==> flow/design.v <==
module gen_muxn #(
   parameter int DW = 20,
   parameter int NUM = 8
) (
   input logic clk,
   input logic [NUM*DW-1:0] in,
   input logic [NUM-1:0] choose,
   output logic [DW-1:0] o
);
   logic [DW-1:0] t;
   always_comb begin
      t = 0;
      for (int k = 0; k < NUM; k++)
         t = t | (in[k*DW +: DW] & {DW{choose[k]}});
   end
   always_ff @(posedge clk) begin
      o <= t;
   end
endmodule
Step by step through the tools: gen_muxn
The steps from the RTL of gen_muxn to its reports follow in flow order.
Line numbers count from 1 in the design file above.
Cell names lack the library's common part.
The mark n/a stands for no value.
Inputs
  design top: gen_muxn
  clock port: clk
  library: sky130hd
  library corner: tt_025C_1v80

Word level
Source: Yosys, flattened and elaborated, memories not mapped. Widths are those after wreduce; folded enables and synchronous resets count as part of the registers. Registers that Yosys merges into a memory's read port (data or address) are not register bits. Print and check cells do not count. Equal cells are merged and count once.
Storage and ports
  bits in registers: 20
  input port bits: 169
  output and inout bits: 20
  elaborated cells: 16
Cells by class
  bitwise operators: 15
Operator list (count)
  20-bit AND: 8
  20-bit bitwise OR: 7

Depth
Yosys ltp: most cells in a row. Word level: on the elaborated netlist, between registers, memories and ports. Mapped: between sequential cells and ports; inverters and the memories' decode and read muxes count.
Depth
  word-level depth: 8
  ABC_AREA: 0
  gate-level depth with buffers: 3
  depth with buffers taken out: 2

After synthesis
Yosys stat after the flow's synthesis: flattened, memories mapped to cells. It holds for the ABC_AREA given above (unset counts as 0); a run with the other value may have another netlist.
Synthesis totals
  cells in the netlist: 136
  chip area (Yosys): 1219.9 um^2
  area of sequential cells: 400.4 um^2
  mapped flip-flops: 20
  buffers: 16
Cells by type
  a22oi_1: count 80, total area 600.576 um^2
  dfxtp_1: count 20, total area 400.384 um^2
  nand4_1: count 20, total area 125.12 um^2
  buf_2: count 12, total area 60.058 um^2
  buf_4: count 3, total area 22.522 um^2
  buf_6: count 1, total area 11.261 um^2

Path before layout
Source: OpenSTA report_checks on the synthesized netlist (no wires, ideal clock, input and output delay 20% of the period each), path of least setup slack; recovery checks are left aside. Register names are those of the netlist, which keeps one name where synthesis merged equal registers.
Timing path after synthesis
  path type: input -> register
  start point: in (no name shown)
  end point: reg o[0]
  period: 0.819 ns
  input delay: 0.164 ns
  setup time: 0.130 ns
  launch time at the first pin: 0.164 ns
  arrival time: 0.558 ns
  required time: 0.689 ns
  path slack: 0.131 ns
  path delay: 0.524 ns
  stages: 3
  buffers on the path: 1
  synthesis period reached: 0.688 ns
"path delay" = arrival - input delay + setup time.
"stages": output pins that drive a net of the path, with the launching flip-flop's if there is one; two outputs of one cell count as two.
"synthesis period reached" = period - worst setup slack (recovery checks aside). The figure is calculated, with input and output delays left at 20% of the set period.
Between the ends stands the longest chain of elaborated cells between them, by number of cells; it is not shown to be the way that was timed. Of several equally long chains one is given.
A line is the first line of the expression or statement that the cell stems from. Yosys adds cells for indexed reads and writes and turns some case tables into memories.
Between the ends, after synthesis
  cell sequence: buf_2 > a22oi_1 > nand4_1
  length of the longest elaborated chain: 3
  elaborated cells on any way between the ends: 3
  RTL lines with such cells: 1
  classes of those cells: 3 x logic
RTL lines, path after synthesis
  from (decl): RTL line 7
  20-bit AND: RTL line 14
  20-bit bitwise OR (2 in a row): RTL line 14
  to (assign): RTL line 17  | o <= t;
  to (decl): RTL line 8  | output logic [DW-1:0] o

Worst path after layout
From the final timing report of entry A: the path of least setup slack in the routed layout; clock arrival at registers is part of the times.
Timing path post-layout
  path type: register -> output
  start point: reg o[13]
  end point: out o[13]
  period: 0.771 ns
  external output delay: 0.15 ns
  launch time at the first pin: 0.26 ns
  arrival time: 0.70 ns
  required time: 0.62 ns
  path slack: -0.08 ns
  stages: 2
  buffers on the path: 1
Between the ends, post-layout
  cell sequence: dfxtp_1 > buf_2
  length of the longest elaborated chain: 0
  elaborated cells on any way between the ends: 0
  RTL lines with such cells: 0
RTL lines, path post-layout
  from (decl): RTL line 8  | output logic [DW-1:0] o
  from (assign): RTL line 17  | o <= t;
  to (decl): RTL line 8

Data sheet: physical implementation of gen_muxn

Record of 3 stored runs of the RTL-to-layout flow on gen_muxn, platform sky130hd. The runs are unordered. Constraints: input delay and output delay 20% of the set period each, output load 0.01 pF.
"achieved clock period (ns)": clock period set for the run, less the worst setup slack. It is reckoned from that one timing run; input and output delays stay at 20% of the period that was set.
By "worst setup path time (ns)" is meant the share of the clock period that the worst setup path is allowed (20% is reserved at inputs, 20% at outputs), minus its slack. Clock arrival times at its registers enter into it.
"finish__power__total" is the tool's figure for a default switching activity; nothing was simulated.

settings of entry A
{
  "period_ns": 0.771,
  "CORE_UTILIZATION": 21,
  "CELL_PAD_IN_SITES_GLOBAL_PLACEMENT": 0,
  "TNS_END_PERCENT": 55,
  "GPL_TIMING_DRIVEN": 0,
  "CAP_MARGIN": 0,
  "SLEW_MARGIN": 30,
  "CORE_MARGIN": 2
}
report of entry A
yosys chip area after synthesis (um^2): 1219.9
finish__design__die__area: 6434.4
finish__design__instance__area__stdcell: 3154.3
finish__design__instance__utilization: 0.5659
finish__timing__setup__ws: -0.080
finish__timing__setup__tns: -1.426
finish__timing__hold__ws: 0.237
finish__power__total: 3.259e-03
achieved clock period (ns): 0.851
worst setup path time (ns): 0.70
worst setup path kind: register -> output

settings of entry B
{
  "period_ns": 0.437,
  "CORE_UTILIZATION": 57,
  "SETUP_SLACK_MARGIN": -0.0,
  "PLACE_DENSITY_LB_ADDON": 0.12,
  "CELL_PAD_IN_SITES_GLOBAL_PLACEMENT": 2,
  "TNS_END_PERCENT": 100,
  "ABC_AREA": 1,
  "CTS_CLUSTER_DIAMETER": 272,
  "CAP_MARGIN": 40,
  "SLEW_MARGIN": 10,
  "CORE_MARGIN": 2
}
report of entry B: did not finish, place, FLW-0024

settings of entry C
{
  "period_ns": 0.819,
  "CAP_MARGIN": 20,
  "CORE_MARGIN": 2,
  "CORE_UTILIZATION": 40,
  "SLEW_MARGIN": 20
}
report of entry C: did not finish, place, GPL-0301
